==> flow/design.v <==
module mul_rtl #(
   parameter XLEN = 64
) (
   input wire aclk,
   input wire aresetn,
   input wire [XLEN-1:0] lhs,
   input wire [XLEN-1:0] rhs,
   input wire load,
   output wire [2*XLEN-1:0] mul,
   output wire fin
);
   localparam SEL_W = $clog2(XLEN + 1);
   reg [XLEN-1:0] mcand;
   reg [SEL_W-1:0] steps;
   reg [2*XLEN-1:0] run_sum;
   wire [XLEN:0] t = run_sum[2*XLEN-1:XLEN] + (run_sum[0] ? mcand : {XLEN{1'b0}});
   assign mul = run_sum;
   assign fin = (steps == 0);
   always @(posedge aclk or negedge aresetn) begin
      if (~aresetn) begin
         mcand <= 0;
         steps <= 0;
         run_sum <= 0;
      end else begin
         mcand <= load ? lhs : mcand;
         steps <= load ? XLEN : (steps != 0) ? steps - 1'b1 : steps;
         run_sum <= load ? {{XLEN{1'b0}}, rhs} : (steps != 0) ? {t, run_sum[XLEN-1:1]} : run_sum;
      end
   end
endmodule
From RTL to reports: mul_rtl
The steps from the RTL of mul_rtl to its reports follow in flow order.
Line numbers count from 1 in the design file above.
Library cell names are shortened.
The mark - stands for no value.
Design
  top: mul_rtl
  clock: aclk
  cell library: sky130hd
  timing corner: tt_025C_1v80

Elaborated design
Counts by Yosys on the flattened word-level netlist (proc, flatten, opt, wreduce; memories kept). Register bits leave out memories and registers merged into their read ports (data or address). Print and check cells are left out. Cells with the same type and inputs are merged into one.
Operators by class
  shifts and indexed selects: 0
  bitwise gates (word level): 0
  equal/unequal tests: 0
  add/sub/neg operators: 2
  divide/modulo/power cells: 0
  reduce/logical cells: 3
  mux-type cells: 5
  magnitude comparators: 0
  $mul: 0
Operators with widths (number)
  two-way mux 128 bit: 2
  adder 64 x 64 -> 65 bit: 1
  two-way mux 64 bit: 1
  two-way mux 7 bit: 2
  subtractor 7 x 1 -> 7 bit (second input constant): 1
  logical NOT 7 bit: 1
  nonzero test 7 bit: 1
  nonzero test 2 bit: 1
Storage and ports
  latch bits: 0
  output and inout bits: 129
  register bits after elaboration: 199
  bits in read-only memories: 0
  bits in writable memories: 0
  word width x clocked read ports: 0
  elaborated cells: 13
  memories kept: 0

Logic depth
Depth = most cells in a row (Yosys ltp): at word level without a register or memory, in the mapped netlist without a sequential cell, where the memories' decode and read muxes count.
Depth
  depth in word-level cells: 4
  ABC_AREA: 0
  mapped depth: 15

Mapped cells and area
The flow's flattened synthesis, as Yosys stat reports it; memories are mapped. The netlist is that of the ABC_AREA named above (0 if unset); the other value can give another one.
Cells by type
  dfrtp_1: number 199, total area 4.98E+03 µm²
  ha_1: number 66, total area 825.792 µm²
  nand2_1: number 205, total area 769.488 µm²
  mux2_2: number 64, total area 720.691 µm²
  a21oi_1: number 132, total area 660.634 µm²
  mux2i_1: number 65, total area 650.624 µm²
  o21ai_0: number 95, total area 475.456 µm²
  and2_1: number 65, total area 406.64 µm²
  xnor2_1: number 40, total area 350.336 µm²
  clkbuf_1: number 55, total area 206.448 µm²
  nor2_1: number 53, total area 198.941 µm²
  a21o_1: number 25, total area 187.68 µm²
  o21bai_1: number 22, total area 165.158 µm²
  xor2_1: number 18, total area 157.651 µm²
  nand4_1: number 21, total area 131.376 µm²
  buf_2: number 24, total area 120.115 µm²
  inv_1: number 28, total area 105.101 µm²
  nand3b_1: number 14, total area 105.101 µm²
Not listed: further types 54, cells in them 172.
Synthesis totals
  cell count: 1363
  cell area after synthesis: 12493.2 µm²
  mapped flip-flops: 199
  sequential area: 4979.8 µm²
  buffers: 93

Timing after synthesis
Path of least setup slack by OpenSTA after synthesis, without wires, with an ideal clock, recovery checks aside; 20% of the period is set as input and as output delay. Where synthesis merged equal registers, the netlist keeps one of their names.
Path after synthesis
  path kind: flip-flop to flip-flop
  start: register run_sum[0]
  end: register run_sum[121]
  path slack: 0.803 ns
  path buffers: 3
  required time: 3.868 ns
  path delay: 3.197 ns
  setup time: 0.132 ns
  clock period: 4.0 ns
  stages on the path: 16
  arrival: 3.065 ns
  period reached after synthesis: 3.197 ns
"path delay" is the arrival time less input delay plus setup time.
"stages on the path": output pins that drive a net of the path, with the launching flip-flop's if there is one; two outputs of one cell count as two.
"period reached after synthesis" = period - worst setup slack (recovery checks aside). The figure is calculated, with input and output delays left at 20% of the set period.
The rows between start and end are the longest chain of elaborated cells between them; the timing report does not say that the signal goes this way. Where chains are equally long, one stands for them.
Each line given opens the expression or statement behind the cell; cells for indexed reads and writes are added by Yosys, which also makes memories of some case tables.
Between the ends, after synthesis
  path through: dfrtp_1 > clkbuf_1 > clkbuf_1 > and2_1 > ha_1 > buf_2 > nand4_2 > nor4_2 > nand3_1 > a21oi_2 > nor3_1 > o311a_1 > o221a_4 > o21ai_4 > and4_1 > nor4_2
  cells in the longest elaborated chain: 4
Ends and longest elaborated chain, after synthesis
  start, declared: RTL line 15  | reg [2*XLEN-1:0] run_sum;
  start, assigned: RTL line 23  | run_sum <= 0;
  start, assigned: RTL line 27  | run_sum <= load ? {{XLEN{1'b0}}, rhs} : (steps != 0) ? {t, run_sum[XLEN-1:1]} : run_sum;
  two-way mux 64 bit: RTL line 16  | wire [XLEN:0] t = run_sum[2*XLEN-1:XLEN] + (run_sum[0] ? mcand : {XLEN{1'b0}});
  adder 64 x 64 -> 65 bit: RTL line 16
  two-way mux 128 bit x2: RTL line 27
  end, assigned: RTL line 23
  end, assigned: RTL line 27
  end, declared: RTL line 15

Path in the finished layout
Path of least setup slack in the final report of run A (OpenROAD, finished layout, wires in). Where an end is a register, its clock arrival counts in the times.
Path post-layout
  path kind: flip-flop to flip-flop
  start: register run_sum[0]
  end: register run_sum[126]
  required time: 4.34 ns
  clock period: 4.0 ns
  arrival: 3.94 ns
  path buffers: 0
  path slack: 0.40 ns
  stages on the path: 13
  setup time: 0.11 ns
The rows between start and end are the longest chain of elaborated cells between them; the timing report does not say that the signal goes this way. Where chains are equally long, one stands for them.
Between the ends, post-layout
  path through: dfrtp_2 > and2_1 > ha_1 > nand2_1 > nor3_1 > a21oi_1 > o21ai_2 > a41oi_2 > o31ai_2 > a41oi_2 > o2111ai_1 > a21o_1 > nand3_1
  cells in the longest elaborated chain: 4
Ends and longest elaborated chain, post-layout
  start, declared: RTL line 15  | reg [2*XLEN-1:0] run_sum;
  start, assigned: RTL line 23  | run_sum <= 0;
  start, assigned: RTL line 27  | run_sum <= load ? {{XLEN{1'b0}}, rhs} : (steps != 0) ? {t, run_sum[XLEN-1:1]} : run_sum;
  two-way mux 64 bit: RTL line 16  | wire [XLEN:0] t = run_sum[2*XLEN-1:XLEN] + (run_sum[0] ? mcand : {XLEN{1'b0}});
  adder 64 x 64 -> 65 bit: RTL line 16
  two-way mux 128 bit x2: RTL line 27
  end, assigned: RTL line 23
  end, assigned: RTL line 27
  end, declared: RTL line 15

Stored flow runs of mul_rtl (3 of them; Yosys, OpenROAD, sky130hd). They differ in their settings and are not a sequence. Constraints: input delay and output delay 20% of the set period each, output load 0.01 pF.
By "achieved clock period (ns)" is meant the clock period of the run minus its worst setup slack. This is arithmetic on one report: input and output delays are still those of the set period (20% each).
"worst setup path time (ns)" = time allowed to the worst setup path (clock period - input delay - output delay, where it has them) - its slack; a late launch clock adds to it, a late capture clock takes from it.
"finish__power__total" rests on the timing tool's default activity at the inputs, not on a simulated workload.

settings of run A
{
  "period_ns": 4.0,
  "CAP_MARGIN": 20,
  "CORE_MARGIN": 2,
  "CORE_UTILIZATION": 40,
  "SLEW_MARGIN": 20
}
report of run A
yosys chip area after synthesis (um^2): 12493.2
finish__design__die__area: 32663.3
finish__design__instance__area__stdcell: 15910.3
finish__design__instance__utilization: 0.5188
finish__timing__setup__ws: 0.404
finish__timing__setup__tns: 0.000
finish__timing__hold__ws: 0.348
finish__power__total: 8.053e-03
achieved clock period (ns): 3.596
worst setup path time (ns): 3.60
worst setup path kind: flip-flop to flip-flop

settings of run B
{
  "period_ns": 5.84,
  "CORE_UTILIZATION": 19,
  "SETUP_SLACK_MARGIN": -0.14,
  "PLACE_DENSITY": 0.7,
  "CORE_ASPECT_RATIO": 0.73,
  "CELL_PAD_IN_SITES_GLOBAL_PLACEMENT": 0,
  "CELL_PAD_IN_SITES_DETAIL_PLACEMENT": 1,
  "TNS_END_PERCENT": 10,
  "GPL_ROUTABILITY_DRIVEN": 0,
  "CTS_CLUSTER_SIZE": 30,
  "SLEW_MARGIN": 40,
  "MIN_ROUTING_LAYER": "met1",
  "CAP_MARGIN": 20,
  "CORE_MARGIN": 2
}
report of run B
yosys chip area after synthesis (um^2): 12493.2
finish__design__die__area: 67846.1
finish__design__instance__area__stdcell: 16504.6
finish__design__instance__utilization: 0.2533
finish__timing__setup__ws: 1.820
finish__timing__setup__tns: 0.000
finish__timing__hold__ws: 0.507
finish__power__total: 5.736e-03
achieved clock period (ns): 4.020
worst setup path time (ns): 2.85
worst setup path kind: flip-flop to output port

settings of run C
{
  "period_ns": 4.99,
  "CORE_UTILIZATION": 55,
  "SETUP_SLACK_MARGIN": 0.39,
  "PLACE_DENSITY": 0.83,
  "CORE_ASPECT_RATIO": 1.67,
  "CORE_MARGIN": 6,
  "TNS_END_PERCENT": 25,
  "ABC_AREA": 0,
  "CTS_CLUSTER_SIZE": 86,
  "SLEW_MARGIN": 0,
  "MAX_ROUTING_LAYER": "met4",
  "CAP_MARGIN": 20
}
report of run C
yosys chip area after synthesis (um^2): 12493.2
finish__design__die__area: 26595.1
finish__design__instance__area__stdcell: 15751.4
finish__design__instance__utilization: 0.7137
finish__timing__setup__ws: 1.365
finish__timing__setup__tns: 0.000
finish__timing__hold__ws: 0.501
finish__power__total: 6.523e-03
achieved clock period (ns): 3.625
worst setup path time (ns): 2.63
worst setup path kind: flip-flop to output port
